==> flow/design.v <==
module u_scratch_top #(
  parameter int WORDS = 128,
  parameter int DWIDTH = 8,
  parameter int ADDR_W = $clog2(WORDS)
) (
  input logic aclk,
  input logic [ADDR_W-1:0] index,
  input logic wen,
  input logic [DWIDTH-1:0] wr_data,
  output logic [DWIDTH-1:0] q
);
  logic [DWIDTH-1:0] store [0:WORDS-1];
  always_ff @(posedge aclk)
    if (wen) store[index] <= wr_data;
  assign q = wen ? wr_data : store[index];
endmodule
Reports on u_scratch_top
Tool output for the design above, in the order of the flow.
Line numbers count from 1 in the design file above.
Operators carry their Yosys type and port widths (W data, S select, Z words).
Cell names lack the library's common part.
{ "inputs": {"top": "u_scratch_top", "clock_port": "aclk", "library": "sky130hd", "lib_corner": "tt_025C_1v80"} }

Word-level counts
Yosys after proc, flatten, opt, wreduce and memory -nomap, before mapping. Enables and synchronous resets that opt folds into registers are not counted as muxes. Memory bits, and registers merged into a memory's read port (data or address), are not among the register bits. Print and check cells are not counted. Equal cells are merged and count once.
Yosys's memory passes give these memory sizes; they may raise the number of words (mostly to a power of two), join words into wider ones and drop unused or constant bits.
{ "word_totals": {"word_cells": 5, "memories": 1, "output_inout_bits": 8, "regBits": 0, "input_bits": 17, "ramBits": 1024} }
{ "op_classes": {"mux": 4} }
{ "memory_table": {"columns": ["name", "words", "word_bits", "rd", "write_ports", "line_no", "rtl"], "rows": [
  ["store", 128, 8, 1, 1, 12, "logic [DWIDTH-1:0] store [0:WORDS-1];"]
]} }
{ "op_table": {"columns": ["cell", "n"], "rows": [
  ["$mux W8", 2],
  ["$mux W7", 1],
  ["$mux W1", 1]
]} }

Logic depth
Yosys ltp: most cells in a row. Word level: on the elaborated netlist, between registers, memories and ports. Mapped: between sequential cells and ports; inverters and the memories' decode and read muxes count.
{ "depth": {"ltp_word": 1, "ABC_AREA": 1, "ltp_mapped": 17, "mapped_depth_nobuf": 13} }

After synthesis
The flow's flattened synthesis, as Yosys stat reports it; memories are mapped. The netlist is that of the ABC_AREA named above (0 if unset); the other value can give another one.
The area totals of this step are shown rounded.
{ "by_type": {"columns": ["cell_type", "n", "area_total_um2"], "rows": [
  ["edfxtp_1", 1024, 3.07E+04],
  ["nand2_1", 2434, 9.14E+03],
  ["nor2_1", 202, 758.227],
  ["buf_2", 110, 550.528],
  ["a21oi_1", 68, 340.326],
  ["buf_6", 25, 281.52],
  ["o21ai_1", 41, 205.197],
  ["o21ai_0", 40, 200.192],
  ["clkbuf_1", 39, 146.39],
  ["buf_1", 28, 105.101],
  ["nand4_1", 16, 100.096],
  ["nand3_1", 19, 95.091],
  ["inv_1", 23, 86.333],
  ["buf_4", 8, 60.058],
  ["o22ai_1", 9, 56.304],
  ["a22oi_1", 7, 52.55],
  ["o211ai_1", 6, 45.043],
  ["nor2_4", 3, 33.782]
]} }
Not listed: further types 7, cells in them 17.
{ "synth_totals": {"cells": 4119, "seq_area_um2": 30700, "ffs": 1024, "n_buf": 210, "mapped_area_um2": 43100} }

Path before layout
Path of least setup slack by OpenSTA after synthesis, without wires, with an ideal clock, recovery checks aside; 20% of the period is set as input and as output delay. Where synthesis merged equal registers, the netlist keeps one of their names.
{ "synth_path": {"kind": "input -> output", "start": "input port index[0]", "end": "output port q[1]", "in_delay_ns": 0.692, "required_time_ns": 2.768, "launch_ns": 0.692, "stages": 17, "out_delay_ns": 0.692, "n_path_buf": 4, "slack_ns": 0.770, "delay_ns": 1.306, "clock_period_ns": 3.46, "t_arrival_ns": 1.998, "synth_period_reached_ns": 2.69} }
"delay_ns" = arrival - input delay + setup time.
At an output port there is no setup time.
"stages": output pins that drive a net of the path, with the launching flip-flop's if there is one; two outputs of one cell count as two.
"synth_period_reached_ns" is the clock period less the worst setup slack; recovery checks do not enter. This is arithmetic on one report: input and output delays are still those of the set period (20% each).
Between the ends stands the longest chain of elaborated cells between them, by number of cells; it is not shown to be the way that was timed. Of several equally long chains one is given.
A line is the first line of the expression or statement that the cell stems from. Yosys adds cells for indexed reads and writes and turns some case tables into memories.
A memory read counts as a cell of the chain, while the word-level depth stops at memories.
{ "synth_via": {"path_cell_list": "buf_4 > inv_2 > buf_6 > buf_6 > buf_4 > nand2_1 > nand2_1 > nand2_1 > nand2_1 > nand2_1 > nand2_1 > nand2_1 > nand4_1 > nand2_1 > nand3_1 > nor2_1 > nor2_1", "elab_chain_cells": 2, "cells_between": 2, "lines_between": 2, "classes_between": "mux (1); memory (1)"} }
{ "synth_rtl": {"columns": ["element", "line_no", "rtl"], "rows": [
  ["start: declaration", 7, "input logic [ADDR_W-1:0] index,"],
  ["$mem_v2 Z128 W8", 12, "logic [DWIDTH-1:0] store [0:WORDS-1];"],
  ["$mux W8", 15, "assign q = wen ? wr_data : store[index];"],
  ["end: declaration", 10, "output logic [DWIDTH-1:0] q"]
]} }

Worst path after layout
From the final timing report of entry B: the path of least setup slack in the routed layout; clock arrival at registers is part of the times.
{ "layout_path": {"kind": "input -> output", "start": "input port index[0]", "end": "output port q[6]", "n_path_buf": 7, "out_delay_ns": 0.64, "t_arrival_ns": 2.67, "required_time_ns": 2.57, "clock_period_ns": 3.21, "slack_ns": -0.10, "in_delay_ns": 0.64, "launch_ns": 0.64, "stages": 17} }
Between the ends stands the longest chain of elaborated cells between them, by number of cells; it is not shown to be the way that was timed. Of several equally long chains one is given.
A memory read counts as a cell of the chain, while the word-level depth stops at memories.
{ "layout_via": {"path_cell_list": "buf_16 > buf_16 > buf_16 > buf_12 > buf_16 > nand2_1 > a21oi_2 > o21ai_2 > nand2_1 > nand2_1 > nand2_2 > o21ai_4 > buf_6 > nand2_8 > nor2_4 > nor2_4 > buf_6", "elab_chain_cells": 2, "cells_between": 2, "lines_between": 2, "classes_between": "mux (1); memory (1)"} }
{ "layout_rtl": {"columns": ["element", "line_no", "rtl"], "rows": [
  ["start: declaration", 7, "input logic [ADDR_W-1:0] index,"],
  ["$mem_v2 Z128 W8", 12, "logic [DWIDTH-1:0] store [0:WORDS-1];"],
  ["$mux W8", 15, "assign q = wen ? wr_data : store[index];"],
  ["end: declaration", 10, "output logic [DWIDTH-1:0] q"]
]} }

Add stored flow runs of u_scratch_top

Design u_scratch_top on sky130hd. What follows are 3 stored runs of the flow, each under its own settings; their order means nothing. The constraints put input and output delay at 20% of the set period each and load the outputs with 0.01 pF.
"achieved period" = clock period - worst setup slack. The figure is calculated, with input and output delays left at 20% of the set period.
"allowed time less slack (worst setup path)" = time allowed to the worst setup path (clock period - input delay - output delay, where it has them) - its slack; a late launch clock adds to it, a late capture clock takes from it.
"overall power" rests on the timing tool's default activity at the inputs, not on a simulated workload.
The results are shown rounded.

==> entry A: settings <==
{ "period_ns": 2.1, "CORE_UTILIZATION": 72, "PLACE_DENSITY": 0.62, "CELL_PAD_IN_SITES_GLOBAL_PLACEMENT": 2, "GPL_ROUTABILITY_DRIVEN": 0, "MAX_ROUTING_LAYER": "met4", "CAP_MARGIN": 20, "CORE_MARGIN": 2, "SLEW_MARGIN": 20 }
==> entry A: results <==
not finished: placement ended with error GPL-0301

==> entry B: settings <==
{ "period_ns": 3.21, "CORE_UTILIZATION": 41, "SETUP_SLACK_MARGIN": 0.81, "PLACE_DENSITY_LB_ADDON": 0.14, "CELL_PAD_IN_SITES_GLOBAL_PLACEMENT": 3, "ABC_AREA": 1, "GPL_ROUTABILITY_DRIVEN": 1, "MAX_ROUTING_LAYER": "met5", "CAP_MARGIN": 20, "CORE_MARGIN": 2, "SLEW_MARGIN": 20 }
==> entry B: results <==
chip area in the Yosys report: 43100 um2
overall die area: 108000 um2
standard-cell area after routing: 54400 um2
utilization in the final report: 52.4%
smallest setup slack: -0.101 ns
final setup TNS: -0.485 ns
worst hold slack in the final report: 0.340 ns
overall power: 30.7 mW
achieved period: 3.311 ns
allowed time less slack (worst setup path): 2.03 ns
worst path kind: input -> output

==> entry C: settings <==
{ "period_ns": 3.46, "CAP_MARGIN": 20, "CORE_MARGIN": 2, "CORE_UTILIZATION": 40, "SLEW_MARGIN": 20 }
==> entry C: results <==
chip area in the Yosys report: 40500 um2
overall die area: 104000 um2
standard-cell area after routing: 51600 um2
utilization in the final report: 51.4%
smallest setup slack: -0.257 ns
final setup TNS: -1.52 ns
worst hold slack in the final report: 0.373 ns
overall power: 26.8 mW
achieved period: 3.717 ns
allowed time less slack (worst setup path): 2.33 ns
worst path kind: input -> output
